==> flow/design.v <==
module reg_bank_stage (clk, rst_n, wr_in, write_addr_in, din_in, rd_idx_in, rd_out);
   parameter D = 4;
   parameter WIDTH = 64;
   localparam ADDR_WIDTH = $clog2(D);
   input clk;
   input rst_n;
   input wr_in;
   input [ADDR_WIDTH-1:0] write_addr_in;
   input [WIDTH-1:0] din_in;
   input [ADDR_WIDTH-1:0] rd_idx_in;
   output [WIDTH-1:0] rd_out;
   reg [WIDTH-1:0] store [0:D-1];
   always @(posedge clk) begin
      if (wr_in)
         store[write_addr_in] <= din_in;
   end
   reg [WIDTH-1:0] r_rd;
   always @(posedge clk) begin
      if (!rst_n) begin
         r_rd <= 0;
      end else begin
         r_rd <= store[rd_idx_in];
      end
   end
   assign rd_out = r_rd;
endmodule
Memo
Re: synthesis data of reg_bank_stage

From RTL to reports: reg_bank_stage
A sweep over "D": the same steps for each member of the family.
The file above is the member D=4. Line numbers count from 1 in each member's own file.
Cell names lack the library's common part.
{ "setup": {"top": "reg_bank_stage", "clock": "clk", "cell_library": "sky130hd", "corner": "tt_025C_1v80"} }

Members of the sweep
Lines of each other member's file that are new or changed against the file above; lines that a member lacks are not shown.
{ "src_changes": {"columns": ["D", "line_no", "source"], "rows": [
  [6, 2, "parameter D = 6;"],
  [8, 2, "parameter D = 8;"],
  [20, 2, "parameter D = 20;"]
]} }

Word-level counts
Source: Yosys, flattened and elaborated, memories not mapped. Widths are those after wreduce; folded enables and synchronous resets count as part of the registers. Registers that Yosys merges into a memory's read port (data or address) are not register bits. Print and check cells do not count. Equal cells are merged and count once.
Yosys's memory passes give these memory sizes; they may raise the number of words (mostly to a power of two), join words into wider ones and drop unused or constant bits.
{ "word_totals": {"columns": ["D", "reg_bits", "mem_bits_rw", "n_memories", "output_inout_bits", "rom_bits", "latch_bits", "clocked_rd_ports_x_width", "word_cells", "input_bits"], "rows": [
  [4, 0, 256, 1, 64, 0, 0, 64, 5, 71],
  [6, 0, 384, 1, 64, 0, 0, 64, 5, 73],
  [8, 0, 512, 1, 64, 0, 0, 64, 5, 73],
  [20, 0, 1280, 1, 64, 0, 0, 64, 5, 77]
]} }
{ "mem_list": {"columns": ["D", "memory_list"], "rows": [
  [4, "store 4 x 64 bit 1R1W"],
  [6, "store 6 x 64 bit 1R1W"],
  [8, "store 8 x 64 bit 1R1W"],
  [20, "store 20 x 64 bit 1R1W"]
]} }
{ "op_classes": {"columns": ["D", "compare", "n_logic", "n_mul", "div_mod_pow", "add_sub_neg", "shifts", "equal", "n_mux", "reduce_logical"], "rows": [
  [4, 0, 0, 0, 0, 0, 0, 0, 3, 1],
  [6, 0, 0, 0, 0, 0, 0, 0, 3, 1],
  [8, 0, 0, 0, 0, 0, 0, 0, 3, 1],
  [20, 0, 0, 0, 0, 0, 0, 0, 3, 1]
]} }
{ "op_table": {"columns": ["D", "operators"], "rows": [
  [4, "1 x 2-to-1 mux 64 bit; 1 x 2-to-1 mux 2 bit; 1 x logical NOT 1 bit; 1 x 2-to-1 mux 1 bit"],
  [6, "1 x 2-to-1 mux 64 bit; 1 x 2-to-1 mux 3 bit; 1 x logical NOT 1 bit; 1 x 2-to-1 mux 1 bit"],
  [8, "1 x 2-to-1 mux 64 bit; 1 x 2-to-1 mux 3 bit; 1 x logical NOT 1 bit; 1 x 2-to-1 mux 1 bit"],
  [20, "1 x 2-to-1 mux 64 bit; 1 x 2-to-1 mux 5 bit; 1 x logical NOT 1 bit; 1 x 2-to-1 mux 1 bit"]
]} }

Logic depth
Yosys ltp: most cells in a row. Word level: on the elaborated netlist, between registers, memories and ports. Mapped: between sequential cells and ports; inverters and the memories' decode and read muxes count.
{ "depth": {"columns": ["D", "ltp_word", "abc_area", "mapped_depth"], "rows": [
  [4, 1, 0, 4],
  [6, 1, 0, 5],
  [8, 1, 0, 5],
  [20, 1, 0, 8]
]} }

Netlist
The flow's flattened synthesis, as Yosys stat reports it; memories are mapped. The netlist is that of the ABC_AREA named above (0 if unset); the other value can give another one.
Totals and module areas in this step are rounded.
{ "by_type": {"columns": ["D", "cell_types"], "rows": [
  [4, "256 x edfxtp_1; 64 x dfxtp_1; 128 x mux2i_1; 64 x o22ai_1; 8 x buf_12; 5 x buf_8; 12 x clkbuf_1; 1 x buf_6; 1 x and3b_1; 1 x buf_4; 2 x nand2_1; 1 x nor3b_1; 1 x and3_1; 1 x nand2b_1; 1 x nor2_1"],
  [6, "384 x edfxtp_1; 192 x mux2i_1; 64 x dfxtp_1; 64 x o22a_1; 64 x o21ai_1; 20 x buf_2; 7 x buf_6; 12 x clkbuf_1; 2 x nand2b_1; 1 x and4b_1; 2 x nor3_1; 1 x or3b_1; 1 x buf_4; 2 x nand2_1; 1 x nand3b_1; 2 x nor2_1; 1 x nor3b_1"],
  [8, "512 x edfxtp_1; 64 x mux4_2; 64 x dfxtp_1; 48 x a221oi_2; 64 x mux2_2; 64 x mux2i_1; 64 x o21ai_0; 64 x inv_1; 16 x a221oi_1; 5 x buf_12; 20 x buf_2; 16 x clkbuf_1; 5 x buf_4; 3 x buf_6; 4 x nand2b_1; 3 x clkbuf_4; 6 x nor2_1; 3 x buf_1; [+5]"],
  [20, "1280 x edfxtp_1; 192 x mux4_2; 320 x mux2i_1; 64 x dfxtp_1; 128 x a22oi_1; 64 x o211ai_1; 65 x nand3_1; 28 x buf_6; 66 x nand2_1; 38 x buf_2; 33 x clkbuf_1; 12 x buf_4; 23 x nor2_1; 5 x buf_8; 10 x buf_1; 3 x nand3b_1; 2 x or3b_2; 2 x and2_1; [+6]"]
]} }
The mark [+n] counts cells that are not listed.
{ "synth_totals": {"columns": ["D", "mapped_cells", "flip_flops", "mapped_area_um2", "buf_cells"], "rows": [
  [4, 546, 320, 11000, 27],
  [6, 820, 448, 15900, 40],
  [8, 1030, 576, 21300, 55],
  [20, 2341, 1344, 50300, 127]
]} }

Worst setup path after synthesis
OpenSTA on the mapped netlist: ideal clock, no wires. The path of least setup slack (recovery checks aside). Input and output delay are each 20% of the period. Register names are those of the netlist, which keeps one name where synthesis merged equal registers.
{ "synth_path": {"columns": ["D", "path_kind", "start", "end", "driving_pins", "clock_period_ns", "path_slack_ns", "path_delay_ns", "period_less_setup_slack_ns"], "rows": [
  [4, "in2reg", "input write_addr_in[1]", "memory store[0][0]", 1, 8.25, 1.319, 5.281, 6.931],
  [6, "in2reg", "input write_addr_in[1]", "memory store[4][0]", 2, 8.5, 1.363, 5.438, 7.137],
  [8, "in2reg", "input write_addr_in[2]", "memory store[0][0]", 2, 7.96, 1.272, 5.095, 6.688],
  [20, "in2reg", "input write_addr_in[0]", "memory store[0][0]", 2, 5.8, 0.925, 3.714, 4.875]
]} }
"path_delay_ns" is the arrival time less input delay plus setup time.
"driving_pins" counts driving pins, that of a launching flip-flop among them; a cell with two outputs on the path counts twice.
"period_less_setup_slack_ns" = period - worst setup slack (recovery checks aside). The figure is calculated, with input and output delays left at 20% of the set period.
The rows between start and end are the longest chain of elaborated cells between them; the timing report does not say that the signal goes this way. Where chains are equally long, one stands for them.
A line is the first line of the expression or statement that the cell stems from. Yosys adds cells for indexed reads and writes and turns some case tables into memories.
{ "synth_between_D_4": {"elab_chain_len": 1} }
{ "synth_lines_D_4": {"columns": ["element", "line_no", "source"], "rows": [
  ["from (decl)", 8, "input [ADDR_WIDTH-1:0] write_addr_in;"],
  ["2-to-1 mux 2 bit", 14, "if (wr_in)"],
  ["to (decl)", 12, "reg [WIDTH-1:0] store [0:D-1];"]
]} }
{ "synth_between_D_20": {"elab_chain_len": 1} }
{ "synth_lines_D_20": {"columns": ["element", "line_no", "source"], "rows": [
  ["from (decl)", 8, "input [ADDR_WIDTH-1:0] write_addr_in;"],
  ["2-to-1 mux 5 bit", 14, "if (wr_in)"],
  ["to (decl)", 12, "reg [WIDTH-1:0] store [0:D-1];"]
]} }

Timing after layout
Path of least setup slack in the final report of each member's run (OpenROAD, finished layout, wires in). Where an end is a register, its clock arrival counts in the times.
{ "layout_path": {"columns": ["D", "path_kind", "start", "end", "driving_pins", "path_slack_ns", "t_arrival_ns", "clock_period_ns", "n_path_buf"], "rows": [
  [4, "in2reg", "input rd_idx_in[1]", "register r_rd[62]", 4, 4.92, 3.65, 8.25, 2],
  [6, "in2reg", "input rd_idx_in[1]", "register r_rd[28]", 5, 4.99, 3.90, 8.5, 2],
  [8, "in2reg", "input write_addr_in[2]", "memory store[1][18]", 4, 4.54, 3.66, 7.96, 2],
  [20, "in2reg", "input wr_in", "memory store[8][62]", 4, 2.58, 3.58, 5.8, 2]
]} }

Flow runs
One run of the flow (Yosys, OpenROAD) for each member, with settings and measured results. Input and output delays are each 20% of the period that was set; the output load is 0.01 pF.
{ "settings": {"CAP_MARGIN": 20, "CORE_MARGIN": 2, "CORE_UTILIZATION": 40, "SLEW_MARGIN": 20} }
{ "settings_diff": {"columns": ["D", "period_ns"], "rows": [
  [4, 8.25],
  [6, 8.5],
  [8, 7.96],
  [20, 5.8]
]} }
{ "results": {"columns": ["D", "fin_tns_ns", "timing.setup.ws_ns", "yosys.chip_area_um2", "totalPower_w", "post_route_stdcell_area_um2", "fin_util_pct", "die_um2", "achievedPeriod_ns"], "rows": [
  [4, 0.000, 4.92, 11000, 0.00357, 13700, 50.7, 28800, 3.329],
  [6, 0.000, 4.99, 15900, 0.00485, 19500, 49.2, 41400, 3.508],
  [8, 0.000, 4.54, 21300, 0.00663, 25400, 48.3, 55200, 3.422],
  [20, 0.000, 2.58, 50300, 0.0204, 58200, 46.4, 129000, 3.218]
]} }
"achievedPeriod_ns" is the run's clock period less its worst setup slack. It is reckoned from that one timing run; input and output delays stay at 20% of the period that was set.
"totalPower_w" is the tool's figure for a default switching activity; nothing was simulated.
Measured values are rounded.
